==> flow/design.v <==
module cpu_chooser_p #(
  parameter DWIDTH = 3,
  parameter N = 12,
  parameter LG = $clog2(N)
) (
  input wire core_clk,
  input wire rst,
  input wire [N*DWIDTH-1:0] val_in,
  input wire [LG-1:0] select_in,
  output reg [DWIDTH-1:0] res_out
);
  wire [N*DWIDTH-1:0] cur;
  assign cur = val_in >> (select_in * DWIDTH);
  always @(posedge core_clk) begin
    if (rst) begin
      res_out <= 0;
    end else begin
      res_out <= cur[DWIDTH-1:0];
    end
  end
endmodule
Memo
Re: synthesis data of cpu_chooser_p

* Step by step through the tools: cpu_chooser_p
Tool output for the members of one design family, told apart by "DWIDTH", in the order of the flow.
The file above is the member DWIDTH = 3. Line numbers count from 1 in each member's own file.
Library cell names are shortened.
A cell with n/a has no value.
- Top module :: cpu_chooser_p
- Clock input :: core_clk
- Cell library :: sky130hd
- Library corner :: tt_025C_1v80

* Members of the sweep
Lines of each other member's file that are new or changed against the file above; lines that a member lacks are not shown.
** New or changed lines
- DWIDTH 16 :: line 2 : parameter DWIDTH = 16,
- DWIDTH 20 :: line 2 : parameter DWIDTH = 20,

* Elaborated design
Yosys after proc, flatten, opt, wreduce and memory -nomap, before mapping. Enables and synchronous resets that opt folds into registers are not counted as muxes. Memory bits, and registers merged into a memory's read port (data or address), are not among the register bits. Print and check cells are not counted. Equal cells are merged and count once.
** Cells by class
- DWIDTH 3 :: multiply operators 1, shifts and indexed selects 1
- DWIDTH 16 :: multiply operators 0, shifts and indexed selects 1
- DWIDTH 20 :: multiply operators 1, shifts and indexed selects 1
** Operators with widths (kinds with counts)
- DWIDTH 3 :: right shift 36 x 6 -> 3 bit: 1; multiplier 4 x 2 -> 6 bit (second input constant): 1
- DWIDTH 16 :: right shift 192 x 8 -> 16 bit: 1
- DWIDTH 20 :: right shift 240 x 9 -> 20 bit: 1; multiplier 4 x 3 -> 7 bit (second input constant): 1
** Storage and ports
- DWIDTH 3 :: register bits 3, input bits 42, output and inout bits 3, elaborated cells 3
- DWIDTH 16 :: register bits 16, input bits 198, output and inout bits 16, elaborated cells 2
- DWIDTH 20 :: register bits 20, input bits 246, output and inout bits 20, elaborated cells 3

* Longest topological paths
Yosys ltp: most cells in a row. Word level: on the elaborated netlist, between registers, memories and ports. Mapped: between sequential cells and ports; inverters and the memories' decode and read muxes count.
** Depth
- DWIDTH 3 :: word-level depth 2, ABC_AREA 0, depth in mapped cells 5, mapped depth without buffers 3
- DWIDTH 16 :: word-level depth 1, ABC_AREA 0, depth in mapped cells 6, mapped depth without buffers 3
- DWIDTH 20 :: word-level depth 2, ABC_AREA 0, depth in mapped cells 6, mapped depth without buffers 3

* After synthesis
Source: synth_stat.txt of the flow (Yosys; design flattened, memories mapped). It holds for the ABC_AREA given above (unset counts as 0); a run with the other value may have another netlist.
** Mapped netlist
- DWIDTH 3 :: cells in the netlist 38, chip area (Yosys) 0.0004192 mm², area of sequential cells 0.0000601 mm², flip-flop cells 3, buffers 2
- DWIDTH 16 :: cells in the netlist 168, chip area (Yosys) 0.0020532 mm², area of sequential cells 0.0003203 mm², flip-flop cells 16, buffers 20
- DWIDTH 20 :: cells in the netlist 207, chip area (Yosys) 0.0024524 mm², area of sequential cells 0.0004004 mm², flip-flop cells 20, buffers 23
** Cells by type (types with counts)
- DWIDTH 3 :: mux4_1: 3; mux2_1: 6; dfxtp_1: 3; mux2_2: 5; o22ai_1: 6; o31ai_1: 3; buf_12: 1; mux2_4: 1; nand2_1: 4; or2b_1: 2; or2_2: 2; buf_6: 1; nor3b_1: 1
- DWIDTH 16 :: mux4_1: 21; mux2_2: 32; dfxtp_1: 16; mux4_2: 11; o31ai_1: 15; nor2b_1: 16; o22ai_1: 16; nand2_1: 16; buf_12: 2; buf_2: 8; buf_6: 3; clkbuf_8: 1; nor3b_2: 1; o31ai_2: 1; or2_2: 2; clkbuf_2: 2; buf_4: 1; clkbuf_1: 2; [+2]
- DWIDTH 20 :: mux4_2: 33; mux2_2: 40; dfxtp_1: 20; mux4_1: 7; o31ai_1: 20; nor2b_1: 20; o22ai_1: 20; nand2_1: 20; buf_12: 3; buf_2: 6; buf_4: 4; clkbuf_1: 8; buf_6: 2; or2_2: 2; nor3b_1: 1; nand2b_1: 1
The mark [+n] counts cells that are not listed.

* Path before layout
Path of least setup slack by OpenSTA after synthesis, without wires, with an ideal clock, recovery checks aside; 20% of the period is set as input and as output delay. Where synthesis merged equal registers, the netlist keeps one of their names.
** Path post-synthesis
- DWIDTH 3 :: kind input port to flip-flop, from in select_in[0], to reg res_out[1], period 1.37 ns, slack 0.216 ns, stages on the path 4, delay of the path 0.879 ns, period reached after synthesis 1.154 ns
- DWIDTH 16 :: kind input port to flip-flop, from in select_in[0], to reg res_out[10], period 1.77 ns, slack 0.281 ns, stages on the path 6, delay of the path 1.134 ns, period reached after synthesis 1.489 ns
- DWIDTH 20 :: kind input port to flip-flop, from in select_in[0], to reg res_out[10], period 1.77 ns, slack 0.283 ns, stages on the path 6, delay of the path 1.133 ns, period reached after synthesis 1.487 ns
"delay of the path" = arrival - input delay + setup time.
"stages on the path": output pins that drive a net of the path, with the launching flip-flop's if there is one; two outputs of one cell count as two.
"period reached after synthesis" is the clock period less the worst setup slack; recovery checks do not enter. This is arithmetic on one report: input and output delays are still those of the set period (20% each).
Between the ends stands the longest chain of elaborated cells between them, by number of cells; it is not shown to be the way that was timed. Of several equally long chains one is given.
Each line given opens the expression or statement behind the cell; cells for indexed reads and writes are added by Yosys, which also makes memories of some case tables.
On the way, post-synthesis, DWIDTH = 3:
- Length of the longest elaborated chain :: 2
** RTL lines, path post-synthesis, DWIDTH = 3
- start, declared :: line 9 : input wire [LG-1:0] select_in,
- multiplier 4 x 2 -> 6 bit :: line 13 : assign cur = val_in >> (select_in * DWIDTH);
- right shift 36 x 6 -> 3 bit :: line 13
- end, assigned :: line 16 : res_out <= 0;
- end, assigned :: line 18 : res_out <= cur[DWIDTH-1:0];
- end, declared :: line 10 : output reg [DWIDTH-1:0] res_out
On the way, post-synthesis, DWIDTH = 20:
- Length of the longest elaborated chain :: 2
** RTL lines, path post-synthesis, DWIDTH = 20
- start, declared :: line 9 : input wire [LG-1:0] select_in,
- multiplier 4 x 3 -> 7 bit :: line 13 : assign cur = val_in >> (select_in * DWIDTH);
- right shift 240 x 9 -> 20 bit :: line 13
- end, assigned :: line 16 : res_out <= 0;
- end, assigned :: line 18 : res_out <= cur[DWIDTH-1:0];
- end, declared :: line 10 : output reg [DWIDTH-1:0] res_out

* Worst path after layout
From the final timing report of each member's run: the path of least setup slack in the routed layout; clock arrival at registers is part of the times.
** Path post-layout
- DWIDTH 3 :: kind input port to flip-flop, from in select_in[0], to reg res_out[1], period 1.37 ns, slack 0.00 ns, stages on the path 6, arrival 1.47 ns, buffers on the path 3
- DWIDTH 16 :: kind input port to flip-flop, from in select_in[1], to reg res_out[3], period 1.77 ns, slack 0.11 ns, stages on the path 5, arrival 1.78 ns, buffers on the path 2
- DWIDTH 20 :: kind input port to flip-flop, from in select_in[2], to reg res_out[14], period 1.77 ns, slack 0.24 ns, stages on the path 4, arrival 1.68 ns, buffers on the path 1

* Layout results
One run of the flow (Yosys, OpenROAD) for each member, with settings and measured results. Input and output delays are each 20% of the period that was set; the output load is 0.01 pF.
- CAP_MARGIN :: 20
- CORE_MARGIN :: 2
- CORE_UTILIZATION :: 40
- SLEW_MARGIN :: 20
** Settings that differ (period_ns)
- DWIDTH 3 :: 1.37
- DWIDTH 16 :: 1.77
- DWIDTH 20 :: 1.77
** Results
- DWIDTH 3 :: mapped cell area after synthesis 0.0004192 mm², area of the die 0.0013228 mm², standard-cell area of the final layout 0.0009209 mm², utilization after layout 97.0%, worst setup slack after layout 0.003 ns, post-route setup TNS 0.000 ns, smallest hold slack 0.555 ns, power 491.9 uW, achieved clock period 1.367 ns
- DWIDTH 16 :: mapped cell area after synthesis 0.0020532 mm², area of the die 0.0057222 mm², standard-cell area of the final layout 0.0043379 mm², utilization after layout 86.0%, worst setup slack after layout 0.108 ns, post-route setup TNS 0.000 ns, smallest hold slack 0.817 ns, power 1582 uW, achieved clock period 1.662 ns
- DWIDTH 20 :: mapped cell area after synthesis 0.0024524 mm², area of the die 0.0067733 mm², standard-cell area of the final layout 0.0052676 mm², utilization after layout 89.0%, worst setup slack after layout 0.235 ns, post-route setup TNS 0.000 ns, smallest hold slack 0.715 ns, power 2106 uW, achieved clock period 1.535 ns
"achieved clock period": clock period set for the run, less the worst setup slack. It is reckoned from that one timing run; input and output delays stay at 20% of the period that was set.
"power": no workload was simulated; the value follows from the tool's default switching activity.
